==> flow/design.v <==
module ex_addsub_n #(
    parameter integer WD = 18
) (
    input core_clk,
    input rst_n,
    input [WD-1:0] da_in,
    input [WD-1:0] db_in,
    output [WD:0] s_out,
    output [WD:0] result_out
);
    reg [WD-1:0] da_ff;
    reg [WD-1:0] db_ff;
    always @(posedge core_clk or negedge rst_n) begin
        if (!rst_n) begin
            da_ff <= 0;
            db_ff <= 0;
        end else begin
            da_ff <= da_in;
            db_ff <= db_in;
        end
    end
    assign s_out = da_ff + db_ff;
    assign result_out = da_ff - db_ff;
endmodule
Wiki page: ex_addsub_n / tool data

### Step by step through the tools: ex_addsub_n

Tool output for the members of one design family, told apart by "WD", in the order of the flow.
The RTL above is that of WD=18; lines are counted from 1 in the file of the member named.
Library cell names are shortened.
The mark - stands for no value.

* top: ex_addsub_n
* clock port: core_clk
* cell library: sky130hd
* timing corner: tt_025C_1v80

### Members of the sweep

Lines of each other member's file that are new or changed against the file above; lines that a member lacks are not shown.

New or changed lines
* WD 24: RTL line 2 `parameter integer WD = 24`
* WD 48: RTL line 2 `parameter integer WD = 48`
* WD 64: RTL line 2 `parameter integer WD = 64`

### Elaborated design

Source: Yosys, flattened and elaborated, memories not mapped. Widths are those after wreduce; folded enables and synchronous resets count as part of the registers. Registers that Yosys merges into a memory's read port (data or address) are not register bits. Print and check cells do not count. Equal cells are merged and count once.

Storage and ports
* WD 18: flip-flop bits (word level) 36, output and inout port bits 38, word-level cells 4, input bits 38
* WD 24: flip-flop bits (word level) 48, output and inout port bits 50, word-level cells 4, input bits 50
* WD 48: flip-flop bits (word level) 96, output and inout port bits 98, word-level cells 4, input bits 98
* WD 64: flip-flop bits (word level) 128, output and inout port bits 130, word-level cells 4, input bits 130

Operators by class ($add $sub $neg)
* WD 18: 2
* WD 24: 2
* WD 48: 2
* WD 64: 2

Operator list (kind and count)
* WD 18: 18-bit by 18-bit adder with 19-bit output: 1; 18-bit by 18-bit subtractor with 19-bit output: 1
* WD 24: 24-bit by 24-bit adder with 25-bit output: 1; 24-bit by 24-bit subtractor with 25-bit output: 1
* WD 48: 48-bit by 48-bit adder with 49-bit output: 1; 48-bit by 48-bit subtractor with 49-bit output: 1
* WD 64: 64-bit by 64-bit adder with 65-bit output: 1; 64-bit by 64-bit subtractor with 65-bit output: 1

### Logic depth

Depth = most cells in a row (Yosys ltp): at word level without a register or memory, in the mapped netlist without a sequential cell, where the memories' decode and read muxes count.

Logic depth
* WD 18: word-level depth 1, ABC_AREA 0, depth in mapped cells 10
* WD 24: word-level depth 1, ABC_AREA 0, depth in mapped cells 10
* WD 48: word-level depth 1, ABC_AREA 0, depth in mapped cells 13
* WD 64: word-level depth 1, ABC_AREA 0, depth in mapped cells 12

### Netlist

Source: synth_stat.txt of the flow (Yosys; design flattened, memories mapped). It holds for the ABC_AREA given above (unset counts as 0); a run with the other value may have another netlist.

Synthesis totals
* WD 18: cell area after synthesis 2881.5 um2, buffers 15, cells in the netlist 315, mapped flip-flops 36
* WD 24: cell area after synthesis 3917.5 um2, buffers 18, cells in the netlist 440, mapped flip-flops 48
* WD 48: cell area after synthesis 7965.1 um2, buffers 42, cells in the netlist 931, mapped flip-flops 96
* WD 64: cell area after synthesis 11486.0 um2, buffers 64, cells in the netlist 1399, mapped flip-flops 128

Cell types (types with counts)
* WD 18: dfrtp_1: 36; ha_1: 36; xnor2_1: 25; inv_1: 40; a21oi_1: 24; nor2_1: 23; o21ai_0: 10; buf_2: 9; nand2_1: 11; fa_1: 2; o21bai_1: 5; nand3_1: 7; nor3_1: 7; o311ai_2: 2; nor2b_1: 5; a211oi_1: 4; a221o_1: 3; o31ai_1: 4; (+62)
* WD 24: dfrtp_1: 48; ha_1: 48; xnor2_1: 32; a21oi_1: 45; inv_1: 51; nor2_1: 37; o21ai_0: 16; nand2_1: 19; o21bai_1: 9; nor2b_1: 9; nand3_1: 11; buf_6: 4; xor2_1: 5; fa_1: 2; a211oi_1: 5; a21o_1: 5; a31oi_1: 6; nor3_1: 7; (+81)
* WD 48: dfrtp_1: 96; ha_1: 96; xnor2_1: 85; a21oi_1: 113; inv_1: 89; nor2_1: 85; o21bai_1: 25; o21ai_0: 32; a21o_1: 20; o31ai_1: 19; nand2_1: 35; nor4_1: 19; nand4_1: 17; nor3_1: 21; clkbuf_1: 22; a31oi_1: 10; nand2b_1: 10; buf_2: 11; (+126)
* WD 64: dfrtp_1: 128; ha_1: 128; xnor2_1: 98; a21oi_1: 152; inv_1: 131; nor2_1: 122; nand2_1: 77; o21bai_1: 37; o21ai_0: 54; a21o_1: 32; o31ai_1: 26; nor4_1: 31; clkbuf_1: 42; nor2b_1: 23; nor3_1: 27; o211ai_1: 18; nand3_1: 25; xor2_1: 14; (+234)

A list marked (+n) leaves out that many cells.

### Worst setup path after synthesis

OpenSTA on the mapped netlist: ideal clock, no wires. The path of least setup slack (recovery checks aside). Input and output delay are each 20% of the period. Register names are those of the netlist, which keeps one name where synthesis merged equal registers.

Path post-synthesis
* WD 18: path kind register -> output, start point reg da_ff[0], end point out result_out[18], stages 11, path delay 2.313 ns, clock period 3.61 ns, slack 0.575 ns, period reached after synthesis 3.035 ns
* WD 24: path kind register -> output, start point reg da_ff[0], end point out s_out[20], stages 10, path delay 2.329 ns, clock period 3.64 ns, slack 0.583 ns, period reached after synthesis 3.057 ns
* WD 48: path kind register -> output, start point reg da_ff[0], end point out s_out[46], stages 13, path delay 2.806 ns, clock period 4.38 ns, slack 0.698 ns, period reached after synthesis 3.682 ns
* WD 64: path kind register -> output, start point reg da_ff[6], end point out s_out[53], stages 11, path delay 2.855 ns, clock period 4.46 ns, slack 0.713 ns, period reached after synthesis 3.747 ns

"path delay" is the arrival time less input delay plus setup time.
At an output port there is no setup time.
"stages": output pins that drive a net of the path, with the launching flip-flop's if there is one; two outputs of one cell count as two.
"period reached after synthesis" is the clock period less the worst setup slack; recovery checks do not enter. This is arithmetic on one report: input and output delays are still those of the set period (20% each).
The rows between start and end are the longest chain of elaborated cells between them; the timing report does not say that the signal goes this way. Where chains are equally long, one stands for them.
Each line given opens the expression or statement behind the cell; cells for indexed reads and writes are added by Yosys, which also makes memories of some case tables.

On the way, post-synthesis, WD=18:
* cells in the longest elaborated chain: 1

Ends and longest elaborated chain, post-synthesis, WD=18
* start, declared: RTL line 11 `reg [WD-1:0] da_ff;`
* start, assigned: RTL line 15 `da_ff <= 0;`
* start, assigned: RTL line 18 `da_ff <= da_in;`
* 18-bit by 18-bit subtractor with 19-bit output: RTL line 23 `assign result_out = da_ff - db_ff;`
* end, declared: RTL line 9 `output [WD:0] result_out`

On the way, post-synthesis, WD=64:
* cells in the longest elaborated chain: 1

Ends and longest elaborated chain, post-synthesis, WD=64
* start, declared: RTL line 11 `reg [WD-1:0] da_ff;`
* start, assigned: RTL line 15 `da_ff <= 0;`
* start, assigned: RTL line 18 `da_ff <= da_in;`
* 64-bit by 64-bit adder with 65-bit output: RTL line 22 `assign s_out = da_ff + db_ff;`
* end, declared: RTL line 8 `output [WD:0] s_out,`

### Timing after layout

Path of least setup slack in the final report of each member's run (OpenROAD, finished layout, wires in). Where an end is a register, its clock arrival counts in the times.

Path after layout
* WD 18: path kind register -> output, start point reg da_ff[0], end point out result_out[14], clock period 3.61 ns, stages 12, arrival time 2.71 ns, slack 0.17 ns
* WD 24: path kind register -> output, start point reg da_ff[1], end point out s_out[10], clock period 3.64 ns, stages 13, arrival time 2.79 ns, slack 0.12 ns
* WD 48: path kind register -> output, start point reg da_ff[0], end point out result_out[46], clock period 4.38 ns, stages 18, arrival time 3.48 ns, slack 0.03 ns
* WD 64: path kind register -> output, start point reg da_ff[4], end point out s_out[53], clock period 4.46 ns, stages 13, arrival time 3.68 ns, slack -0.11 ns

### Flow runs

Settings and results of one run of the flow (Yosys, OpenROAD) for each member follow. The constraints put input and output delay at 20% of the set period each and load the outputs with 0.01 pF.

* CAP_MARGIN: 20
* CORE_MARGIN: 2
* CORE_UTILIZATION: 40
* SLEW_MARGIN: 20

Settings by member (period_ns)
* WD 18: 3.61
* WD 24: 3.64
* WD 48: 4.38
* WD 64: 4.46

Final reports
* WD 18: reached clock period 3.435 ns, mapped cell area after synthesis 2881.5 um2, total power of the final layout 1464 µW, post-route utilization 58.8%, standard-cell area after routing 4036.4 um2, worst setup slack after layout 0.175 ns, die area 7898.8 um2
* WD 24: reached clock period 3.523 ns, mapped cell area after synthesis 3917.5 um2, total power of the final layout 1795 µW, post-route utilization 56.0%, standard-cell area after routing 5400.2 um2, worst setup slack after layout 0.117 ns, die area 10601.8 um2
* WD 48: reached clock period 4.352 ns, mapped cell area after synthesis 7965.1 um2, total power of the final layout 3574 µW, post-route utilization 62.8%, standard-cell area after routing 12253.0 um2, worst setup slack after layout 0.028 ns, die area 21056.9 um2
* WD 64: reached clock period 4.571 ns, mapped cell area after synthesis 11486.0 um2, total power of the final layout 5347 µW, post-route utilization 63.1%, standard-cell area after routing 17972.2 um2, worst setup slack after layout -0.111 ns, die area 30086.6 um2

"reached clock period" means the clock period less the worst setup slack. The figure is calculated, with input and output delays left at 20% of the set period.
"total power of the final layout": no workload was simulated; the value follows from the tool's default switching activity.
